==> flow/design.v <==
module ram_block #(
  parameter DEPTH = 8,
  parameter W = 2,
  parameter ABITS = $clog2(DEPTH)
) (
  input  clk_i,
  input  i_rst_n,
  input  [ABITS-1:0] address,
  input  write,
  input  [W-1:0] wr_data,
  output reg [W-1:0] rd
);
  reg [ABITS-1:0] address_s;
  reg write_s;
  reg [W-1:0] wr_data_s;
  always @(posedge clk_i or negedge i_rst_n) begin
    if (!i_rst_n) begin
      address_s <= 0;
      write_s <= 1'b0;
      wr_data_s <= 0;
    end else begin
      address_s <= address;
      write_s <= write;
      wr_data_s <= wr_data;
    end
  end
  reg [W-1:0] bank [0:DEPTH-1];
  always @(posedge clk_i)
    if (write_s) bank[address_s] <= wr_data_s;
  always @(posedge clk_i or negedge i_rst_n) begin
    if (!i_rst_n) begin
      rd <= 0;
    end else begin
      rd <= write_s ? wr_data_s : bank[address_s];
    end
  end
endmodule
# [Step by step through the tools: ram_block]
# Tool output for the members of one design family, told apart by "DEPTH", in the order of the flow.
# The RTL above is that of DEPTH 8; lines are counted from 1 in the file of the member named.
# Library cell names are shortened.
# A cell with -- has no value.
[setup] top="ram_block" clk_port="clk_i" lib="sky130hd" lib_corner="tt_025C_1v80"

# [Members of the sweep]
# Lines of each other member's file that are new or changed against the file above; lines that a member lacks are not shown.
[changed_lines] DEPTH=12 line=2 text="parameter DEPTH = 12,"
[changed_lines] DEPTH=16 line=2 text="parameter DEPTH = 16,"
[changed_lines] DEPTH=40 line=2 text="parameter DEPTH = 40,"
[changed_lines] DEPTH=48 line=2 text="parameter DEPTH = 48,"
[changed_lines] DEPTH=96 line=2 text="parameter DEPTH = 96,"

# [After elaboration]
# Yosys after proc, flatten, opt, wreduce and memory -nomap, before mapping. Enables and synchronous resets that opt folds into registers are not counted as muxes. Memory bits, and registers merged into a memory's read port (data or address), are not among the register bits. Print and check cells are not counted. Equal cells are merged and count once.
# Memory sizes are those after Yosys's memory passes, which may raise the word count (mostly to a power of two), join words into wider ones and drop unused or constant bits.
[bits] DEPTH=8 ff_bits=6 memories=1 output_inout_bits=2 clocked_rd_ports_x_width=2 input_bits=8 wordCells=8 ram_bits=16
[bits] DEPTH=12 ff_bits=7 memories=1 output_inout_bits=2 clocked_rd_ports_x_width=2 input_bits=9 wordCells=8 ram_bits=24
[bits] DEPTH=16 ff_bits=7 memories=1 output_inout_bits=2 clocked_rd_ports_x_width=2 input_bits=9 wordCells=8 ram_bits=32
[bits] DEPTH=40 ff_bits=9 memories=1 output_inout_bits=2 clocked_rd_ports_x_width=2 input_bits=11 wordCells=8 ram_bits=80
[bits] DEPTH=48 ff_bits=9 memories=1 output_inout_bits=2 clocked_rd_ports_x_width=2 input_bits=11 wordCells=8 ram_bits=96
[bits] DEPTH=96 ff_bits=10 memories=1 output_inout_bits=2 clocked_rd_ports_x_width=2 input_bits=12 wordCells=8 ram_bits=192
[op_classes] DEPTH=8 n_mux=3 reduce_logical=1
[op_classes] DEPTH=12 n_mux=3 reduce_logical=1
[op_classes] DEPTH=16 n_mux=3 reduce_logical=1
[op_classes] DEPTH=40 n_mux=3 reduce_logical=1
[op_classes] DEPTH=48 n_mux=3 reduce_logical=1
[op_classes] DEPTH=96 n_mux=3 reduce_logical=1
[mem_list] DEPTH=8 mem_shapes="bank 8 x 2 bit 1R1W"
[mem_list] DEPTH=12 mem_shapes="bank 12 x 2 bit 1R1W"
[mem_list] DEPTH=16 mem_shapes="bank 16 x 2 bit 1R1W"
[mem_list] DEPTH=40 mem_shapes="bank 40 x 2 bit 1R1W"
[mem_list] DEPTH=48 mem_shapes="bank 48 x 2 bit 1R1W"
[mem_list] DEPTH=96 mem_shapes="bank 96 x 2 bit 1R1W"
[ops] DEPTH=8 op_list="3-bit two-way mux (1); 2-bit two-way mux (1); 1-bit logical NOT (1); 1-bit two-way mux (1)"
[ops] DEPTH=12 op_list="4-bit two-way mux (1); 2-bit two-way mux (1); 1-bit logical NOT (1); 1-bit two-way mux (1)"
[ops] DEPTH=16 op_list="4-bit two-way mux (1); 2-bit two-way mux (1); 1-bit logical NOT (1); 1-bit two-way mux (1)"
[ops] DEPTH=40 op_list="6-bit two-way mux (1); 2-bit two-way mux (1); 1-bit logical NOT (1); 1-bit two-way mux (1)"
[ops] DEPTH=48 op_list="6-bit two-way mux (1); 2-bit two-way mux (1); 1-bit logical NOT (1); 1-bit two-way mux (1)"
[ops] DEPTH=96 op_list="7-bit two-way mux (1); 2-bit two-way mux (1); 1-bit logical NOT (1); 1-bit two-way mux (1)"

# [Logic depth]
# Longest topological path by Yosys (ltp), each cell counted once; first at word level (registers and memories cut), then after technology mapping (sequential cells cut; the memories' decode and read muxes count).
[logic_depth] DEPTH=8 depth_word=1 ABC_AREA=0 ltp_mapped=5 depth_no_buf=4
[logic_depth] DEPTH=12 depth_word=1 ABC_AREA=0 ltp_mapped=6 depth_no_buf=4
[logic_depth] DEPTH=16 depth_word=1 ABC_AREA=0 ltp_mapped=6 depth_no_buf=4
[logic_depth] DEPTH=40 depth_word=1 ABC_AREA=0 ltp_mapped=7 depth_no_buf=5
[logic_depth] DEPTH=48 depth_word=1 ABC_AREA=0 ltp_mapped=9 depth_no_buf=5
[logic_depth] DEPTH=96 depth_word=1 ABC_AREA=0 ltp_mapped=9 depth_no_buf=6

# [Netlist]
# The flow's flattened synthesis, as Yosys stat reports it; memories are mapped. The netlist is that of the ABC_AREA named above (0 if unset); the other value can give another one.
# Totals and module areas in this step are rounded.
[by_type] DEPTH=8 type_list="edfxtp_1 (16); dfrtp_1 (8); mux2i_1 (4); buf_6 (2); mux4_2 (1); nor2_1 (6); mux2_4 (1); nand2_1 (4); or2b_1 (2); nor3_1 (2); o32a_1 (1); or4b_1 (1); nand2b_2 (1); o221ai_1 (1); o22a_1 (1); buf_4 (1); nand3b_1 (1); nand2b_1 (1); (+5)"
[by_type] DEPTH=12 type_list="edfxtp_1 (24); dfrtp_1 (9); mux4_1 (2); mux4_2 (2); mux2i_1 (4); nor2_1 (10); a21oi_1 (6); nand3b_1 (4); nand2b_1 (4); nor3_1 (3); nor2b_1 (2); buf_6 (1); nand3_1 (2); or3b_1 (1); buf_4 (1); buf_2 (1); nand2_1 (1)"
[by_type] DEPTH=16 type_list="edfxtp_1 (32); dfrtp_1 (9); mux4_1 (3); mux4_2 (3); nor2_1 (15); a211oi_1 (4); nor3_1 (6); nor2b_1 (4); a221o_1 (2); mux2i_1 (2); buf_2 (3); nand3b_1 (2); nor3b_1 (2); buf_6 (1); or3b_2 (1); buf_4 (1); or2b_1 (1); nand2b_1 (1); (+2)"
[by_type] DEPTH=40 type_list="edfxtp_1 (80); dfrtp_1 (11); nor2_1 (45); mux4_2 (5); mux2i_1 (8); mux2_2 (7); nand2_1 (13); a211oi_1 (6); nand3_1 (9); a31oi_1 (7); a22oi_1 (5); nor2b_1 (5); buf_4 (4); clkbuf_1 (6); a21oi_1 (4); buf_2 (4); a221oi_1 (2); a32oi_1 (2); (+33)"
[by_type] DEPTH=48 type_list="edfxtp_1 (96); dfrtp_1 (11); nor2_1 (51); mux4_2 (8); mux2i_1 (11); nand2_1 (16); mux4_1 (2); a211oi_1 (6); and3b_1 (4); buf_2 (7); buf_6 (3); mux2_1 (3); nand2b_1 (5); nand3_1 (6); nand3b_1 (4); nor3_1 (6); a221oi_1 (3); a31oi_1 (4); (+54)"
[by_type] DEPTH=96 type_list="edfxtp_1 (192); nor2_1 (107); mux4_2 (15); dfrtp_1 (12); mux2i_1 (19); mux2_2 (14); nand2_1 (36); a221oi_1 (12); nor2b_1 (14); a22oi_1 (11); nand3_1 (15); buf_2 (13); buf_6 (5); a221oi_2 (3); o221ai_1 (5); a21oi_1 (8); a22o_1 (4); a32oi_1 (4); (+64)"
# A list marked (+n) leaves out that many cells.
[mapped] DEPTH=8 sequential_area_mm2=0.0006807 cells=59 synth_area_mm2=0.0009359 n_buf=3 flip_flops=24
[mapped] DEPTH=12 sequential_area_mm2=0.0009459 cells=77 synth_area_mm2=0.00128 n_buf=3 flip_flops=33
[mapped] DEPTH=16 sequential_area_mm2=0.001186 cells=94 synth_area_mm2=0.001609 n_buf=5 flip_flops=41
[mapped] DEPTH=40 sequential_area_mm2=0.002678 cells=256 synth_area_mm2=0.003724 n_buf=14 flip_flops=91
[mapped] DEPTH=48 sequential_area_mm2=0.003158 cells=300 synth_area_mm2=0.004494 n_buf=18 flip_flops=107
[mapped] DEPTH=96 sequential_area_mm2=0.006066 cells=553 synth_area_mm2=0.008396 n_buf=30 flip_flops=204

# [Path before layout]
# Source: OpenSTA report_checks on the synthesized netlist (no wires, ideal clock, input and output delay 20% of the period each), path of least setup slack; recovery checks are left aside. Register names are those of the netlist, which keeps one name where synthesis merged equal registers.
[synth_timing] DEPTH=8 path_type="register to register" from="register address_s[2]" to="register rd[1]" stages=6 tclk_ns=1.64 setup_slack_ns=0.325 delay_ns=1.315 period_less_setup_slack_ns=1.315
[synth_timing] DEPTH=12 path_type="register to register" from="register address_s[2]" to="memory bank[0][0]" stages=3 tclk_ns=1.74 setup_slack_ns=0.345 delay_ns=1.396 period_less_setup_slack_ns=1.395
[synth_timing] DEPTH=16 path_type="register to register" from="register address_s[3]" to="memory bank[0][0]" stages=5 tclk_ns=2.1 setup_slack_ns=0.423 delay_ns=1.677 period_less_setup_slack_ns=1.677
[synth_timing] DEPTH=40 path_type="register to register" from="register address_s[1]" to="register rd[1]" stages=6 tclk_ns=2.06 setup_slack_ns=0.408 delay_ns=1.652 period_less_setup_slack_ns=1.652
[synth_timing] DEPTH=48 path_type="register to register" from="register address_s[2]" to="register rd[1]" stages=8 tclk_ns=2.35 setup_slack_ns=0.468 delay_ns=1.883 period_less_setup_slack_ns=1.882
[synth_timing] DEPTH=96 path_type="register to register" from="register address_s[0]" to="memory bank[60][0]" stages=6 tclk_ns=2.27 setup_slack_ns=0.457 delay_ns=1.813 period_less_setup_slack_ns=1.813
# "delay_ns" = arrival - input delay + setup time.
# "stages" counts driving pins, that of a launching flip-flop among them; a cell with two outputs on the path counts twice.
# "period_less_setup_slack_ns" = period - worst setup slack (recovery checks aside). The figure is calculated, with input and output delays left at 20% of the set period.
# The rows between start and end are the longest chain of elaborated cells between them; the timing report does not say that the signal goes this way. Where chains are equally long, one stands for them.
# A line is the first line of the expression or statement that the cell stems from. Yosys adds cells for indexed reads and writes and turns some case tables into memories.
[synth_rtl_DEPTH_8] element="from (decl)" line=13 text="reg [ABITS-1:0] address_s;"
[synth_rtl_DEPTH_8] element="from (assign)" line=18 text="address_s <= 0;"
[synth_rtl_DEPTH_8] element="from (assign)" line=22 text="address_s <= address;"
[synth_rtl_DEPTH_8] element="to (decl)" line=11 text="output reg [W-1:0] rd"
# DEPTH 8: Chain of elaborated cells between the ends: none given.
[synth_between_DEPTH_96] elab_chain_cells=1
[synth_rtl_DEPTH_96] element="from (decl)" line=13 text="reg [ABITS-1:0] address_s;"
[synth_rtl_DEPTH_96] element="from (assign)" line=18 text="address_s <= 0;"
[synth_rtl_DEPTH_96] element="from (assign)" line=22 text="address_s <= address;"
[synth_rtl_DEPTH_96] element="7-bit two-way mux" line=29 text="if (write_s) bank[address_s] <= wr_data_s;"
[synth_rtl_DEPTH_96] element="to (decl)" line=27 text="reg [W-1:0] bank [0:DEPTH-1];"

# [Timing after layout]
# From the final timing report of each member's run: the path of least setup slack in the routed layout; clock arrival at registers is part of the times.
[layout_timing] DEPTH=8 path_type="register to output" from="register rd[1]" to="output port rd[1]" n_path_buf=1 stages=2 arrival_time_ns=1.24 setup_slack_ns=0.07 tclk_ns=1.64
[layout_timing] DEPTH=12 path_type="register to output" from="register rd[0]" to="output port rd[0]" n_path_buf=1 stages=2 arrival_time_ns=1.20 setup_slack_ns=0.20 tclk_ns=1.74
[layout_timing] DEPTH=16 path_type="register to register" from="register address_s[0]" to="register rd[0]" n_path_buf=1 stages=6 arrival_time_ns=2.01 setup_slack_ns=0.27 tclk_ns=2.1
[layout_timing] DEPTH=40 path_type="register to register" from="register address_s[1]" to="register rd[0]" n_path_buf=1 stages=7 arrival_time_ns=2.20 setup_slack_ns=0.12 tclk_ns=2.06
[layout_timing] DEPTH=48 path_type="register to register" from="register address_s[1]" to="register rd[1]" n_path_buf=1 stages=7 arrival_time_ns=2.44 setup_slack_ns=0.16 tclk_ns=2.35
[layout_timing] DEPTH=96 path_type="register to register" from="register address_s[2]" to="register rd[0]" n_path_buf=0 stages=7 arrival_time_ns=2.54 setup_slack_ns=0.07 tclk_ns=2.27

# [Flow runs]
# Settings and results of one run of the flow (Yosys, OpenROAD) for each member follow. The constraints put input and output delay at 20% of the set period each and load the outputs with 0.01 pF.
[settings] CAP_MARGIN=20 CORE_MARGIN=2 CORE_UTILIZATION=40 SLEW_MARGIN=20
[settings_by_member] DEPTH=8 period_ns=1.64
[settings_by_member] DEPTH=12 period_ns=1.74
[settings_by_member] DEPTH=16 period_ns=2.1
[settings_by_member] DEPTH=40 period_ns=2.06
[settings_by_member] DEPTH=48 period_ns=2.35
[settings_by_member] DEPTH=96 period_ns=2.27
[measured] DEPTH=8 post_route_stdcell_area_mm2=0.001091 ws_setup_ns=0.075 tns_ns=0.000 total_die_area_mm2=0.002743 achievedPeriod_ns=1.565 synth_area_mm2=0.0009359
[measured] DEPTH=12 post_route_stdcell_area_mm2=0.001493 ws_setup_ns=0.197 tns_ns=0.000 total_die_area_mm2=0.003669 achievedPeriod_ns=1.543 synth_area_mm2=0.00128
[measured] DEPTH=16 post_route_stdcell_area_mm2=0.001867 ws_setup_ns=0.272 tns_ns=0.000 total_die_area_mm2=0.004546 achievedPeriod_ns=1.828 synth_area_mm2=0.001609
[measured] DEPTH=40 post_route_stdcell_area_mm2=0.004257 ws_setup_ns=0.125 tns_ns=0.000 total_die_area_mm2=0.0101 achievedPeriod_ns=1.935 synth_area_mm2=0.003724
[measured] DEPTH=48 post_route_stdcell_area_mm2=0.005001 ws_setup_ns=0.160 tns_ns=0.000 total_die_area_mm2=0.0121 achievedPeriod_ns=2.190 synth_area_mm2=0.004494
[measured] DEPTH=96 post_route_stdcell_area_mm2=0.009912 ws_setup_ns=0.066 tns_ns=0.000 total_die_area_mm2=0.02216 achievedPeriod_ns=2.204 synth_area_mm2=0.008396
# "achievedPeriod_ns" is the run's clock period less its worst setup slack. It is reckoned from that one timing run; input and output delays stay at 20% of the period that was set.
# The measured numbers are rounded.
